==> flow/design.v <==
module my_addsub_n #(
   parameter DATA_WIDTH = 16
) (
   input  wire clk_i,
   input  wire [DATA_WIDTH-1:0] u,
   input  wire [DATA_WIDTH-1:0] v,
   output wire [DATA_WIDTH-1:0] result,
   output wire under
);
   reg [DATA_WIDTH-1:0] u_q;
   reg [DATA_WIDTH-1:0] v_q;
   localparam LW = DATA_WIDTH / 2;
   reg [LW:0] low_q;
   reg [DATA_WIDTH-LW-1:0] u_hi_q;
   reg [DATA_WIDTH-LW-1:0] v_hi_q;
   wire [DATA_WIDTH-LW:0] hi = u_hi_q - v_hi_q - low_q[LW];
   reg [DATA_WIDTH-1:0] result_q;
   assign result = result_q;
   reg under_q;
   assign under = under_q;
   always @(posedge clk_i) begin
      u_q <= u;
      v_q <= v;
      low_q <= u_q[LW-1:0] - v_q[LW-1:0];
      u_hi_q <= u_q[DATA_WIDTH-1:LW];
      v_hi_q <= v_q[DATA_WIDTH-1:LW];
      result_q <= {hi[DATA_WIDTH-LW-1:0], low_q[LW-1:0]};
      under_q <= hi[DATA_WIDTH-LW];
   end
endmodule
Tool chain data of my_addsub_n:

What the tools print for my_addsub_n, step after step.
Lines are those of the file above, counted from 1.
A cell with - has no value.

* top module: my_addsub_n
* clock: clk_i
* cell library: sky130hd
* timing corner: tt_025C_1v80

Word level:

Counts by Yosys on the flattened word-level netlist (proc, flatten, opt, wreduce; memories kept). Register bits leave out memories and registers merged into their read ports (data or address); mux counts leave out enables and synchronous resets folded into registers. Print and check cells are left out. Cells with the same type and inputs are merged into one.

* $add $sub $neg: 3

Operator list (count)
* 8-bit by 8-bit subtractor with 9-bit output: 2
* 9-bit by 1-bit subtractor with 9-bit output: 1

* output and inout port bits: 17
* elaborated cells: 10
* input port bits: 33
* register bits after elaboration: 74

Longest topological paths:

Longest topological path by Yosys (ltp), each cell counted once; first at word level (registers and memories cut), then after technology mapping (sequential cells cut; the memories' decode and read muxes count).

* word-level depth: 2
* ABC_AREA: 0
* depth in mapped cells: 8
* mapped depth without buffers: 8

After synthesis:

Yosys stat after the flow's synthesis: flattened, memories mapped to cells. It holds for the ABC_AREA given above (unset counts as 0); a run with the other value may have another netlist.
The area totals of this step are shown rounded.

* mapped area: 2360 µm²
* mapped flip-flops: 74
* sequential area: 1480 µm²
* standard cells after synthesis: 200
* buffers: 1

Cell types
* sky130_fd_sc_hd__dfxtp_1: count 74, area in all 1.48E+03 µm²
* sky130_fd_sc_hd__ha_1: count 22, area in all 275.264 µm²
* sky130_fd_sc_hd__inv_1: count 36, area in all 135.13 µm²
* sky130_fd_sc_hd__xnor2_1: count 7, area in all 61.309 µm²
* sky130_fd_sc_hd__fa_1: count 3, area in all 60.058 µm²
* sky130_fd_sc_hd__a21oi_1: count 7, area in all 35.034 µm²
* sky130_fd_sc_hd__nor2_1: count 7, area in all 26.275 µm²
* sky130_fd_sc_hd__xor2_1: count 3, area in all 26.275 µm²
* sky130_fd_sc_hd__nand3_1: count 5, area in all 25.024 µm²
* sky130_fd_sc_hd__a21o_1: count 3, area in all 22.522 µm²
* sky130_fd_sc_hd__o211ai_1: count 3, area in all 22.522 µm²
* sky130_fd_sc_hd__nand2b_1: count 3, area in all 18.768 µm²
* sky130_fd_sc_hd__nor2b_1: count 3, area in all 18.768 µm²
* sky130_fd_sc_hd__o21ai_1: count 3, area in all 15.014 µm²
* sky130_fd_sc_hd__a31oi_1: count 2, area in all 12.512 µm²
* sky130_fd_sc_hd__nand2_1: count 3, area in all 11.261 µm²
* sky130_fd_sc_hd__a311o_1: count 1, area in all 10.01 µm²
* sky130_fd_sc_hd__mux2i_1: count 1, area in all 10.01 µm²

Other cell types: 13; their cells: 14.

Path before layout:

Path of least setup slack by OpenSTA after synthesis, without wires, with an ideal clock, recovery checks aside; 20% of the period is set as input and as output delay. Where synthesis merged equal registers, the netlist keeps one of their names.

* kind: register to register
* start: register low_q[8]
* end: register result_q[15]
* arrival time: 1701 ps
* launch time at the first pin: 0 ps
* setup time: 72 ps
* slack: 446 ps
* path buffers: 0
* data required time: 2148 ps
* stages on the path: 9
* clock period: 2220 ps
* path delay: 1773 ps
* synthesis period reached: 1774 ps

"path delay" is the arrival time less input delay plus setup time.
"stages on the path" counts driving pins, that of a launching flip-flop among them; a cell with two outputs on the path counts twice.
"synthesis period reached" is the clock period less the worst setup slack; recovery checks do not enter. This is arithmetic on one report: input and output delays are still those of the set period (20% each).
The rows between start and end are the longest chain of elaborated cells between them; the timing report does not say that the signal goes this way. Where chains are equally long, one stands for them.
Each line given opens the expression or statement behind the cell; cells for indexed reads and writes are added by Yosys, which also makes memories of some case tables.

* cell sequence: sky130_fd_sc_hd__dfxtp_1 > sky130_fd_sc_hd__inv_1 > sky130_fd_sc_hd__fa_1 > sky130_fd_sc_hd__inv_1 > sky130_fd_sc_hd__ha_1 > sky130_fd_sc_hd__o21ai_1 > sky130_fd_sc_hd__a31oi_1 > sky130_fd_sc_hd__a41oi_1 > sky130_fd_sc_hd__xnor2_1
* cells in the longest elaborated chain: 1
* elaborated cells between the ends (all ways): 1
* source lines of those cells: 1
* those cells by class: 1 x add/sub

Ends and longest elaborated chain, post-synthesis
* from (decl): line 13 `reg [LW:0] low_q;`
* from (assign): line 24 `low_q <= u_q[LW-1:0] - v_q[LW-1:0];`
* 9-bit by 1-bit subtractor with 9-bit output: line 16 `wire [DATA_WIDTH-LW:0] hi = u_hi_q - v_hi_q - low_q[LW];`
* to (assign): line 27 `result_q <= {hi[DATA_WIDTH-LW-1:0], low_q[LW-1:0]};`
* to (decl): line 17 `reg [DATA_WIDTH-1:0] result_q;`

Timing after layout:

Path of least setup slack in the final report of entry B (OpenROAD, finished layout, wires in). Where an end is a register, its clock arrival counts in the times.
The path's times are printed in steps of 10 ps; the period is the one set.

* kind: register to register
* start: register low_q[8]
* end: register under_q
* clock period: 1510 ps
* slack: -300 ps
* arrival time: 2040 ps
* path buffers: 0
* launch time at the first pin: 340 ps
* setup time: 110 ps
* data required time: 1740 ps
* stages on the path: 9

The rows between start and end are the longest chain of elaborated cells between them; the timing report does not say that the signal goes this way. Where chains are equally long, one stands for them.

* cell sequence: sky130_fd_sc_hd__dfxtp_2 > sky130_fd_sc_hd__inv_2 > sky130_fd_sc_hd__fa_2 > sky130_fd_sc_hd__inv_2 > sky130_fd_sc_hd__fa_2 > sky130_fd_sc_hd__a21boi_4 > sky130_fd_sc_hd__o211ai_1 > sky130_fd_sc_hd__nor2_1 > sky130_fd_sc_hd__a211o_1
* cells in the longest elaborated chain: 1
* elaborated cells between the ends (all ways): 1
* source lines of those cells: 1
* those cells by class: 1 x add/sub

Ends and longest elaborated chain, post-layout
* from (decl): line 13 `reg [LW:0] low_q;`
* from (assign): line 24 `low_q <= u_q[LW-1:0] - v_q[LW-1:0];`
* 9-bit by 1-bit subtractor with 9-bit output: line 16 `wire [DATA_WIDTH-LW:0] hi = u_hi_q - v_hi_q - low_q[LW];`
* to (assign): line 28 `under_q <= hi[DATA_WIDTH-LW];`
* to (decl): line 19 `reg under_q;`

Memo
Re: implementation data of my_addsub_n

Below are 3 stored runs of the flow (Yosys, OpenROAD; platform sky130hd) on my_addsub_n, each with its settings and what was measured, unordered. Constraints: input delay and output delay 20% of the set period each, output load 0.01 pF.
"clock period achieved" is the run's clock period less its worst setup slack. It is reckoned from that one timing run; input and output delays stay at 20% of the period that was set.
By "power" is meant OpenSTA's value without simulated activity: inputs other than the clock are taken to toggle once in ten clock periods, and the tool carries that through the logic.
Measured values are rounded.

### Entry A

==> flow/run.sh <==
#!/bin/bash
# the make line also repeats the synthesis and layout settings of config.mk as NAME=value (left out here)
make -C /OpenROAD-flow-scripts/flow DESIGN_CONFIG=/design/flow/config.mk WORK_HOME=/design/flow/orfs CLKGATE_MAP_FILE= finish
==> flow/config.mk <==
export PLATFORM = sky130hd
export DESIGN_NAME = my_addsub_n
export DESIGN_NICKNAME = my_addsub_n
export VERILOG_FILES = /design/flow/design.v
export SDC_FILE = /design/flow/constraint.sdc
export NUM_CORES = 4
export LEC_CHECK = 0
export ABC_AREA = 0
export CAP_MARGIN = 20
export CELL_PAD_IN_SITES_DETAIL_PLACEMENT = 0
export CELL_PAD_IN_SITES_GLOBAL_PLACEMENT = 3
export CORE_MARGIN = 2
export CORE_UTILIZATION = 66
export CTS_CLUSTER_DIAMETER = 390
export GPL_ROUTABILITY_DRIVEN = 1
export GPL_TIMING_DRIVEN = 1
export MAX_ROUTING_LAYER = met4
export MIN_ROUTING_LAYER = met2
export PLACE_DENSITY_LB_ADDON = 0.19
export SLEW_MARGIN = 20
export TNS_END_PERCENT = 25
==> flow/constraint.sdc <==
create_clock -name core_clock -period 1.85 [get_ports {clk_i}]
set_input_delay 0.3700 -clock core_clock [delete_from_list [all_inputs] [get_ports {clk_i}]]
set_output_delay 0.3700 -clock core_clock [all_outputs]
set_load 0.01 [all_outputs]

Outcome of entry A: not finished: placement ended with error FLW-0024

### Entry B

==> flow/run.sh <==
#!/bin/bash
# the make line also repeats the synthesis and layout settings of config.mk as NAME=value (left out here)
make -C /OpenROAD-flow-scripts/flow DESIGN_CONFIG=/design/flow/config.mk WORK_HOME=/design/flow/orfs CLKGATE_MAP_FILE= finish
==> flow/config.mk <==
export PLATFORM = sky130hd
export DESIGN_NAME = my_addsub_n
export DESIGN_NICKNAME = my_addsub_n
export VERILOG_FILES = /design/flow/design.v
export SDC_FILE = /design/flow/constraint.sdc
export NUM_CORES = 4
export LEC_CHECK = 0
export CAP_MARGIN = 20
export CELL_PAD_IN_SITES_DETAIL_PLACEMENT = 2
export CELL_PAD_IN_SITES_GLOBAL_PLACEMENT = 1
export CORE_ASPECT_RATIO = 1.07
export CORE_MARGIN = 2
export CORE_UTILIZATION = 36
export CTS_CLUSTER_DIAMETER = 53
export PLACE_DENSITY_LB_ADDON = 0.1
export SLEW_MARGIN = 5
export TNS_END_PERCENT = 80
==> flow/constraint.sdc <==
create_clock -name core_clock -period 1.51 [get_ports {clk_i}]
set_input_delay 0.3020 -clock core_clock [delete_from_list [all_inputs] [get_ports {clk_i}]]
set_output_delay 0.3020 -clock core_clock [all_outputs]
set_load 0.01 [all_outputs]

Results of entry B:
- Clock period achieved: 1,806 ps
- Standard-cell area after layout: 3,550 µm²
- Worst setup slack after layout: -296 ps
- Chip area in the Yosys report: 2,360 µm²
- Area inside the die boundary: 7,220 µm²
- Power: 4.59 mW
- Setup total negative slack: -1,530 ps
- Smallest hold slack: 326 ps

### Entry C

==> flow/run.sh <==
#!/bin/bash
# the make line also repeats the synthesis and layout settings of config.mk as NAME=value (left out here)
make -C /OpenROAD-flow-scripts/flow DESIGN_CONFIG=/design/flow/config.mk WORK_HOME=/design/flow/orfs CLKGATE_MAP_FILE= finish
==> flow/config.mk <==
export PLATFORM = sky130hd
export DESIGN_NAME = my_addsub_n
export DESIGN_NICKNAME = my_addsub_n
export VERILOG_FILES = /design/flow/design.v
export SDC_FILE = /design/flow/constraint.sdc
export NUM_CORES = 4
export LEC_CHECK = 0
export CAP_MARGIN = 20
export CORE_MARGIN = 2
export CORE_UTILIZATION = 40
export SLEW_MARGIN = 20
==> flow/constraint.sdc <==
create_clock -name core_clock -period 2.22 [get_ports {clk_i}]
set_input_delay 0.4440 -clock core_clock [delete_from_list [all_inputs] [get_ports {clk_i}]]
set_output_delay 0.4440 -clock core_clock [all_outputs]
set_load 0.01 [all_outputs]

Results of entry C:
- Clock period achieved: 1,918 ps
- Standard-cell area after layout: 3,190 µm²
- Worst setup slack after layout: 302 ps
- Chip area in the Yosys report: 2,360 µm²
- Area inside the die boundary: 6,530 µm²
- Power: 3.29 mW
- Setup total negative slack: 0 ps
- Smallest hold slack: 328 ps
